==> flow/design.v <==
module core_shft #(
  parameter int W = 28,
  parameter int SBITS = $clog2(W)
) (
  input logic CLK,
  input logic [W-1:0] in_i,
  input logic [SBITS-1:0] dist_in_i,
  output logic [W-1:0] data_out_o
);
  logic [W-1:0] in_d1;
  logic [SBITS-1:0] dist_in_d1;
  always_ff @(posedge CLK) begin
    in_d1 <= in_i;
    dist_in_d1 <= dist_in_i;
  end
  logic [W-1:0] work;
  always_comb begin
    work = in_d1;
    for (int n = 0; n < SBITS; n++)
      if (dist_in_d1[n]) work = work >> (1 << n);
  end
  assign data_out_o = work;
endmodule
Tool chain data of core_shft
What the tools print for core_shft, step after step.
Lines are those of the file above, counted from 1.
Operators carry their Yosys type and port widths (W data, S select, Z words).
Cell names lack the library's common part.
A cell with -- has no value.
- design top: core_shft
- clock port: CLK
- library: sky130hd
- corner: tt_025C_1v80

Elaborated design
Source: Yosys, flattened and elaborated, memories not mapped. Widths are those after wreduce; folded enables and synchronous resets count as part of the registers. Registers that Yosys merges into a memory's read port (data or address) are not register bits. Print and check cells do not count. Equal cells are merged and count once.
- mux-type cells at 5
- operator list (operator ; count):
    $mux W28 ; 5
- noted flip-flop bits (word level): 33
- output and inout bits at 28
- word-level cells at 7
- input port bits at 34

Longest topological paths
Longest topological path by Yosys (ltp), each cell counted once; first at word level (registers and memories cut), then after technology mapping (sequential cells cut; the memories' decode and read muxes count).
- depth after elaboration: 5
- ABC_AREA at 0
- gate-level depth with buffers at 8
- noted mapped depth without buffers: 4

Netlist
Source: synth_stat.txt of the flow (Yosys; design flattened, memories mapped). It holds for the ABC_AREA given above (unset counts as 0); a run with the other value may have another netlist.
- cells by type (cell ; count ; total area (sq um)):
    dfxtp_1 ; 33 ; 660.634
    mux2i_1 ; 27 ; 270.259
    mux4_1 ; 8 ; 210.202
    mux4_2 ; 8 ; 180.173
    mux2_2 ; 15 ; 168.912
    nor2_1 ; 20 ; 75.072
    a211oi_1 ; 7 ; 52.55
    nand2_1 ; 14 ; 52.55
    nand3_1 ; 7 ; 35.034
    o221ai_1 ; 4 ; 35.034
    o22a_1 ; 3 ; 26.275
    buf_2 ; 5 ; 25.024
    nand2b_1 ; 4 ; 25.024
    nor2b_1 ; 4 ; 25.024
    a22oi_1 ; 3 ; 22.522
    buf_4 ; 3 ; 22.522
    clkbuf_1 ; 6 ; 22.522
    o211ai_1 ; 3 ; 22.522
Other cell types: 23; their cells: 34.
- mapped area at 2205.9 sq um
- noted flip-flop cells: 33
- mapped cells: 208
- buffer cells: 17
- noted sequential area: 660.6 sq um

Path before layout
OpenSTA on the mapped netlist: ideal clock, no wires. The path of least setup slack (recovery checks aside). Input and output delay are each 20% of the period. Register names are those of the netlist, which keeps one name where synthesis merged equal registers.
- path type: register to output
- start point: register dist_in_d1[1]
- end point: output port data_out_o[13]
- clock period: 2.57 ns
- required time at 2.056 ns
- noted data arrival time: 1.647 ns
- noted stages: 8
- output delay at 0.514 ns
- buffers on the path: 4
- noted path delay: 1.647 ns
- noted time at the first pin: 0.000 ns
- noted setup slack: 0.409 ns
- synthesis period reached: 2.161 ns
"path delay" = arrival - input delay + setup time.
A path that ends at an output port has no setup time.
"stages": output pins that drive a net of the path, with the launching flip-flop's if there is one; two outputs of one cell count as two.
"synthesis period reached" = period - worst setup slack (recovery checks aside). The figure is calculated, with input and output delays left at 20% of the set period.
Between the ends stands the longest chain of elaborated cells between them, by number of cells; it is not shown to be the way that was timed. Of several equally long chains one is given.
A line is the first line of the expression or statement that the cell stems from. Yosys adds cells for indexed reads and writes and turns some case tables into memories.
- path through: dfxtp_1 -> buf_6 -> buf_12 -> buf_8 -> buf_2 -> mux2i_1 -> mux2i_1 -> a211oi_1
- cells in the longest elaborated chain: 4
- noted elaborated cells on any way between the ends: 4
- RTL lines with such cells at 1
- classes of those cells: 4 x mux
- ends and longest elaborated chain, after synthesis (element ; RTL line ; source):
    from (decl) ; 11 ; logic [SBITS-1:0] dist_in_d1;
    from (assign) ; 14 ; dist_in_d1 <= dist_in_i;
    $mux W28 x4 ; 20 ; if (dist_in_d1[n]) work = work >> (1 << n);
    to (decl) ; 8 ; output logic [W-1:0] data_out_o

Timing after layout
Path of least setup slack in the final report of flow run A (OpenROAD, finished layout, wires in). Where an end is a register, its clock arrival counts in the times.
- path type: register to output
- start point: register dist_in_d1[1]
- end point: output port data_out_o[2]
- noted setup slack: -0.08 ns
- output delay at 0.53 ns
- noted time at the first pin: 0.29 ns
- clock period: 2.66 ns
- buffers on the path: 3
- noted stages: 8
- noted data arrival time: 2.21 ns
- required time at 2.13 ns
Between the ends stands the longest chain of elaborated cells between them, by number of cells; it is not shown to be the way that was timed. Of several equally long chains one is given.
- path through: dfxtp_2 -> buf_8 -> buf_4 -> mux4_2 -> mux2_4 -> a32oi_1 -> o21ai_1 -> buf_2
- cells in the longest elaborated chain: 4
- noted elaborated cells on any way between the ends: 4
- RTL lines with such cells at 1
- classes of those cells: 4 x mux
- ends and longest elaborated chain, post-layout (element ; RTL line ; source):
    from (decl) ; 11 ; logic [SBITS-1:0] dist_in_d1;
    from (assign) ; 14 ; dist_in_d1 <= dist_in_i;
    $mux W28 x4 ; 20 ; if (dist_in_d1[n]) work = work >> (1 << n);
    to (decl) ; 8 ; output logic [W-1:0] data_out_o

==> runs of core_shft <==
Settings and measured results of 3 stored flow runs for module core_shft (sky130hd), not sorted in any way. The constraints put input and output delay at 20% of the set period each and load the outputs with 0.01 pF.
By "critical path time" is meant the share of the clock period that the worst setup path is allowed (20% is reserved at inputs, 20% at outputs), minus its slack. Clock arrival times at its registers enter into it.

Flow run A
Settings were period_ns = 2.66; CORE_UTILIZATION = 54; PLACE_DENSITY = 0.84; HOLD_SLACK_MARGIN = 0.1; CORE_MARGIN = 2; TNS_END_PERCENT = 80; ABC_AREA = 0; GPL_TIMING_DRIVEN = 0; CTS_CLUSTER_SIZE = 38; MAX_ROUTING_LAYER = met4; CAP_MARGIN = 20; SLEW_MARGIN = 20
- mapped cell area after synthesis: 2205.9 sq um
- noted the die footprint: 4612.4 sq um
- standard-cell area after layout: 3136.8 sq um
- post-route utilization: 0.79
- worst setup slack after layout: -0.080 ns
- smallest hold slack at 0.679 ns
- noted the critical path time: 2.21 ns
- worst path kind: register to output

Flow run B
Settings were period_ns = 2.57; CAP_MARGIN = 20; CORE_MARGIN = 2; CORE_UTILIZATION = 40; SLEW_MARGIN = 20
- mapped cell area after synthesis: 2205.9 sq um
- noted the die footprint: 6124.6 sq um
- standard-cell area after layout: 3245.6 sq um
- post-route utilization: 0.6
- worst setup slack after layout: -0.061 ns
- smallest hold slack at 0.667 ns
- noted the critical path time: 2.12 ns
- worst path kind: register to output

Flow run C
Settings were period_ns = 1.75; CORE_UTILIZATION = 40; PLACE_DENSITY_LB_ADDON = 0.16; CORE_ASPECT_RATIO = 1.81; CORE_MARGIN = 6; CELL_PAD_IN_SITES_DETAIL_PLACEMENT = 1; GPL_TIMING_DRIVEN = 0; GPL_ROUTABILITY_DRIVEN = 0; SLEW_MARGIN = 0; CAP_MARGIN = 20
- mapped cell area after synthesis: 2205.9 sq um
- noted the die footprint: 7519.5 sq um
- standard-cell area after layout: 3500.9 sq um
- post-route utilization: 0.672
- worst setup slack after layout: -0.815 ns
- smallest hold slack at 0.493 ns
- noted the critical path time: 2.22 ns
- worst path kind: register to output
